==> flow/design.v <==
module alu_rf (clk, we_in, write_addr_in, din_in, raddr0_in, raddr1_in, rdata0_out, rdata1_out);
    parameter ENTRIES = 40;
    parameter DW = 20;
    localparam ADDR_WIDTH = $clog2(ENTRIES);
    input clk;
    input we_in;
    input [ADDR_WIDTH-1:0] write_addr_in;
    input [DW-1:0] din_in;
    input [ADDR_WIDTH-1:0] raddr0_in;
    input [ADDR_WIDTH-1:0] raddr1_in;
    output [DW-1:0] rdata0_out;
    output [DW-1:0] rdata1_out;
    reg [DW-1:0] regs [0:ENTRIES-1];
    always @(posedge clk) begin
        if (we_in)
            regs[write_addr_in] <= din_in;
    end
    assign rdata0_out = (we_in && write_addr_in == raddr0_in) ? din_in : regs[raddr0_in];
    assign rdata1_out = (we_in && write_addr_in == raddr1_in) ? din_in : regs[raddr1_in];
endmodule
* Reports on alu_rf *
Tool output for the design above, in the order of the flow.
Line numbers count from 1 in the design file above.
Cell names lack the library's common part.
The mark -- stands for no value.

inputs
  design top = alu_rf
  clock input = clk
  library = sky130hd
  corner = tt_025C_1v80

* Word-level counts *
Yosys after proc, flatten, opt, wreduce and memory -nomap, before mapping. Enables and synchronous resets that opt folds into registers are not counted as muxes. Memory bits, and registers merged into a memory's read port (data or address), are not among the register bits. Print and check cells are not counted. Equal cells are merged and count once.
Yosys's memory passes give these memory sizes; they may raise the number of words (mostly to a power of two), join words into wider ones and drop unused or constant bits.

word-level totals
  memory cells = 1
  RAM bits = 800
  register bits after elaboration = 0

memory list
  memory  depth  width  read ports  write ports  line  text
  regs    40     20     2           1            13    reg [DW-1:0] regs [0:ENTRIES-1];

operators by class
  reductions and logical operators = 2
  multiplexer cells = 5
  eq/ne operators = 2

operators with widths
  operator             count
  2-to-1 mux 20 bit    3
  equality test 6 bit  2
  2-to-1 mux 6 bit     1
  logical AND 1 bit    2
  2-to-1 mux 1 bit     1

* Depth *
Longest topological path by Yosys (ltp), each cell counted once; first at word level (registers and memories cut), then after technology mapping (sequential cells cut; the memories' decode and read muxes count).

depth
  word-level depth = 3
  ABC_AREA = 0
  gate-level depth with buffers = 9
  mapped depth without buffers = 5

* Mapped cells and area *
Source: synth_stat.txt of the flow (Yosys; design flattened, memories mapped). It holds for the ABC_AREA given above (unset counts as 0); a run with the other value may have another netlist.

synthesis totals
  cell area after synthesis = 37430.9 sq um
  area of sequential cells = 24023.0 sq um
  cells in the netlist = 1833
  flip-flop cells = 800
  buffers = 155

cells by type
  cell       count  area in all (sq um)
  edfxtp_1   800    2.4E+04
  mux4_2     398    8.96E+03
  mux2_2     40     450.432
  a221o_1    40     400.384
  a22o_1     37     324.061
  nor2b_1    44     275.264
  o22ai_1    38     237.728
  clkbuf_1   63     236.477
  buf_2      47     235.226
  a211oi_1   27     202.694
  a22oi_1    27     202.694
  nor4_1     32     200.192
  buf_6      17     191.434
  mux2i_1    17     170.163
  nor2_1     43     161.405
  buf_4      21     157.651
  nor3_1     25     125.12
  a2111oi_2  7      105.101

Not listed: further types 28, cells in them 110.

* Timing after synthesis *
OpenSTA on the mapped netlist: ideal clock, no wires. The path of least setup slack (recovery checks aside). Input and output delay are each 20% of the period. Register names are those of the netlist, which keeps one name where synthesis merged equal registers.

timing path after synthesis
  path kind = input to register
  from = input port write_addr_in[4]
  to = memory regs[20][0]
  stages on the path = 4
  time at the first pin = 0.856 ns
  arrival = 3.174 ns
  setup slack = 0.684 ns
  path delay = 2.740 ns
  path buffers = 2
  external input delay = 0.856 ns
  clock period = 4.28 ns
  setup time = 0.422 ns
  synthesis period reached = 3.596 ns

"path delay" is the arrival time less input delay plus setup time.
"stages on the path": output pins that drive a net of the path, with the launching flip-flop's if there is one; two outputs of one cell count as two.
"synthesis period reached" = period - worst setup slack (recovery checks aside). The figure is calculated, with input and output delays left at 20% of the set period.
The rows between start and end are the longest chain of elaborated cells between them; the timing report does not say that the signal goes this way. Where chains are equally long, one stands for them.
A line is the first line of the expression or statement that the cell stems from. Yosys adds cells for indexed reads and writes and turns some case tables into memories.

between the ends, after synthesis
  path through = clkbuf_1 -> or3b_2 -> clkbuf_1 -> nor3_1
  length of the longest elaborated chain = 1
  elaborated cells between the ends (all ways) = 1
  source lines of those cells = 1
  those cells by class = 1 x mux

ends and longest elaborated chain, after synthesis
  item              line  text
  from (decl)       7     input [ADDR_WIDTH-1:0] write_addr_in;
  2-to-1 mux 6 bit  15    if (we_in)
  to (decl)         13    reg [DW-1:0] regs [0:ENTRIES-1];

* Timing after layout *
Path of least setup slack in the final report of record 1 (OpenROAD, finished layout, wires in). Where an end is a register, its clock arrival counts in the times.

timing path after layout
  path kind = input to output
  from = input port raddr0_in[0]
  to = output port rdata0_out[9]
  external output delay = 0.95 ns
  clock period = 4.75 ns
  external input delay = 0.95 ns
  setup slack = 0.69 ns
  time at the first pin = 0.95 ns
  path buffers = 7
  stages on the path = 12
  arrival = 3.11 ns

The rows between start and end are the longest chain of elaborated cells between them; the timing report does not say that the signal goes this way. Where chains are equally long, one stands for them.

between the ends, after layout
  path through = buf_16 -> buf_12 -> buf_12 -> buf_8 -> buf_4 -> mux4_2 -> a22o_1 -> nor3_4 -> nor4_2 -> buf_4 -> a221o_1 -> buf_2
  length of the longest elaborated chain = 3
  elaborated cells between the ends (all ways) = 4
  source lines of those cells = 2
  those cells by class = 1 x eq/ne; 1 x mux; 1 x reduce/logical; 1 x memory

ends and longest elaborated chain, after layout
  item                 line  text
  from (decl)          9     input [ADDR_WIDTH-1:0] raddr0_in;
  equality test 6 bit  18    assign rdata0_out = (we_in && write_addr_in == raddr0_in) ? din_in : regs[raddr0_in];
  logical AND 1 bit    18
  2-to-1 mux 20 bit    18
  to (decl)            11    output [DW-1:0] rdata0_out;

Appendix: measured runs

Measured results for alu_rf: 3 stored runs of the Yosys and OpenROAD flow on sky130hd. The settings differ; the order carries no meaning. The constraints put input and output delay at 20% of the set period each and load the outputs with 0.01 pF.
"achieved clock period": clock period set for the run, less the worst setup slack. It is reckoned from that one timing run; input and output delays stay at 20% of the period that was set.
"worst setup path time" = time allowed to the worst setup path (clock period - input delay - output delay, where it has them) - its slack; a late launch clock adds to it, a late capture clock takes from it.
"power": no workload was simulated; the value follows from the tool's default switching activity.

Record 1
==> flow/run.sh <==
#!/bin/bash
# the make line also repeats the synthesis and layout settings of config.mk as NAME=value (left out here)
make -C /OpenROAD-flow-scripts/flow DESIGN_CONFIG=/design/flow/config.mk WORK_HOME=/design/flow/orfs CLKGATE_MAP_FILE= finish
==> flow/config.mk <==
export PLATFORM = sky130hd
export DESIGN_NAME = alu_rf
export DESIGN_NICKNAME = alu_rf
export VERILOG_FILES = /design/flow/design.v
export SDC_FILE = /design/flow/constraint.sdc
export NUM_CORES = 4
export LEC_CHECK = 0
export CAP_MARGIN = 20
export CELL_PAD_IN_SITES_GLOBAL_PLACEMENT = 2
export CORE_ASPECT_RATIO = 1.45
export CORE_MARGIN = 2
export CORE_UTILIZATION = 39
export GPL_ROUTABILITY_DRIVEN = 0
export HOLD_SLACK_MARGIN = 0.24
export SETUP_SLACK_MARGIN = 1.07
export SLEW_MARGIN = 20
export TNS_END_PERCENT = 70
==> flow/constraint.sdc <==
create_clock -name core_clock -period 4.75 [get_ports {clk}]
set_input_delay 0.9500 -clock core_clock [delete_from_list [all_inputs] [get_ports {clk}]]
set_output_delay 0.9500 -clock core_clock [all_outputs]
set_load 0.01 [all_outputs]

==> results of record 1 <==
chip area after synthesis (Yosys): 37430.9 sq um
die area: 98513.7 sq um
standard-cell area of the final layout: 47753.3 sq um
utilization: 0.503
worst setup slack after layout: 0.694 ns
total negative slack: 0.000 ns
worst hold slack: 1.034 ns
power: 16149 uW
achieved clock period: 4.056 ns
worst setup path time: 2.16 ns
worst setup path kind: input to output

Record 2
==> flow/run.sh <==
#!/bin/bash
# the make line also repeats the synthesis and layout settings of config.mk as NAME=value (left out here)
make -C /OpenROAD-flow-scripts/flow DESIGN_CONFIG=/design/flow/config.mk WORK_HOME=/design/flow/orfs CLKGATE_MAP_FILE= finish
==> flow/config.mk <==
export PLATFORM = sky130hd
export DESIGN_NAME = alu_rf
export DESIGN_NICKNAME = alu_rf
export VERILOG_FILES = /design/flow/design.v
export SDC_FILE = /design/flow/constraint.sdc
export NUM_CORES = 4
export LEC_CHECK = 0
export CAP_MARGIN = 20
export CELL_PAD_IN_SITES_DETAIL_PLACEMENT = 2
export CORE_ASPECT_RATIO = 0.66
export CORE_MARGIN = 2
export CORE_UTILIZATION = 72
export CTS_CLUSTER_DIAMETER = 274
export MAX_ROUTING_LAYER = met5
export SETUP_SLACK_MARGIN = 0.87
export SLEW_MARGIN = 20
==> flow/constraint.sdc <==
create_clock -name core_clock -period 4.67 [get_ports {clk}]
set_input_delay 0.9340 -clock core_clock [delete_from_list [all_inputs] [get_ports {clk}]]
set_output_delay 0.9340 -clock core_clock [all_outputs]
set_load 0.01 [all_outputs]

==> results of record 2 <==
did not finish, placement stopped with DPL-0033

Record 3
==> flow/run.sh <==
#!/bin/bash
# the make line also repeats the synthesis and layout settings of config.mk as NAME=value (left out here)
make -C /OpenROAD-flow-scripts/flow DESIGN_CONFIG=/design/flow/config.mk WORK_HOME=/design/flow/orfs CLKGATE_MAP_FILE= finish
==> flow/config.mk <==
export PLATFORM = sky130hd
export DESIGN_NAME = alu_rf
export DESIGN_NICKNAME = alu_rf
export VERILOG_FILES = /design/flow/design.v
export SDC_FILE = /design/flow/constraint.sdc
export NUM_CORES = 4
export LEC_CHECK = 0
export CAP_MARGIN = 20
export CORE_MARGIN = 2
export CORE_UTILIZATION = 40
export SLEW_MARGIN = 20
==> flow/constraint.sdc <==
create_clock -name core_clock -period 4.28 [get_ports {clk}]
set_input_delay 0.8560 -clock core_clock [delete_from_list [all_inputs] [get_ports {clk}]]
set_output_delay 0.8560 -clock core_clock [all_outputs]
set_load 0.01 [all_outputs]

==> results of record 3 <==
chip area after synthesis (Yosys): 37430.9 sq um
die area: 96041.1 sq um
standard-cell area of the final layout: 45957.8 sq um
utilization: 0.494
worst setup slack after layout: 0.032 ns
total negative slack: 0.000 ns
worst hold slack: 0.623 ns
power: 18076 uW
achieved clock period: 4.248 ns
worst setup path time: 2.54 ns
worst setup path kind: input to output
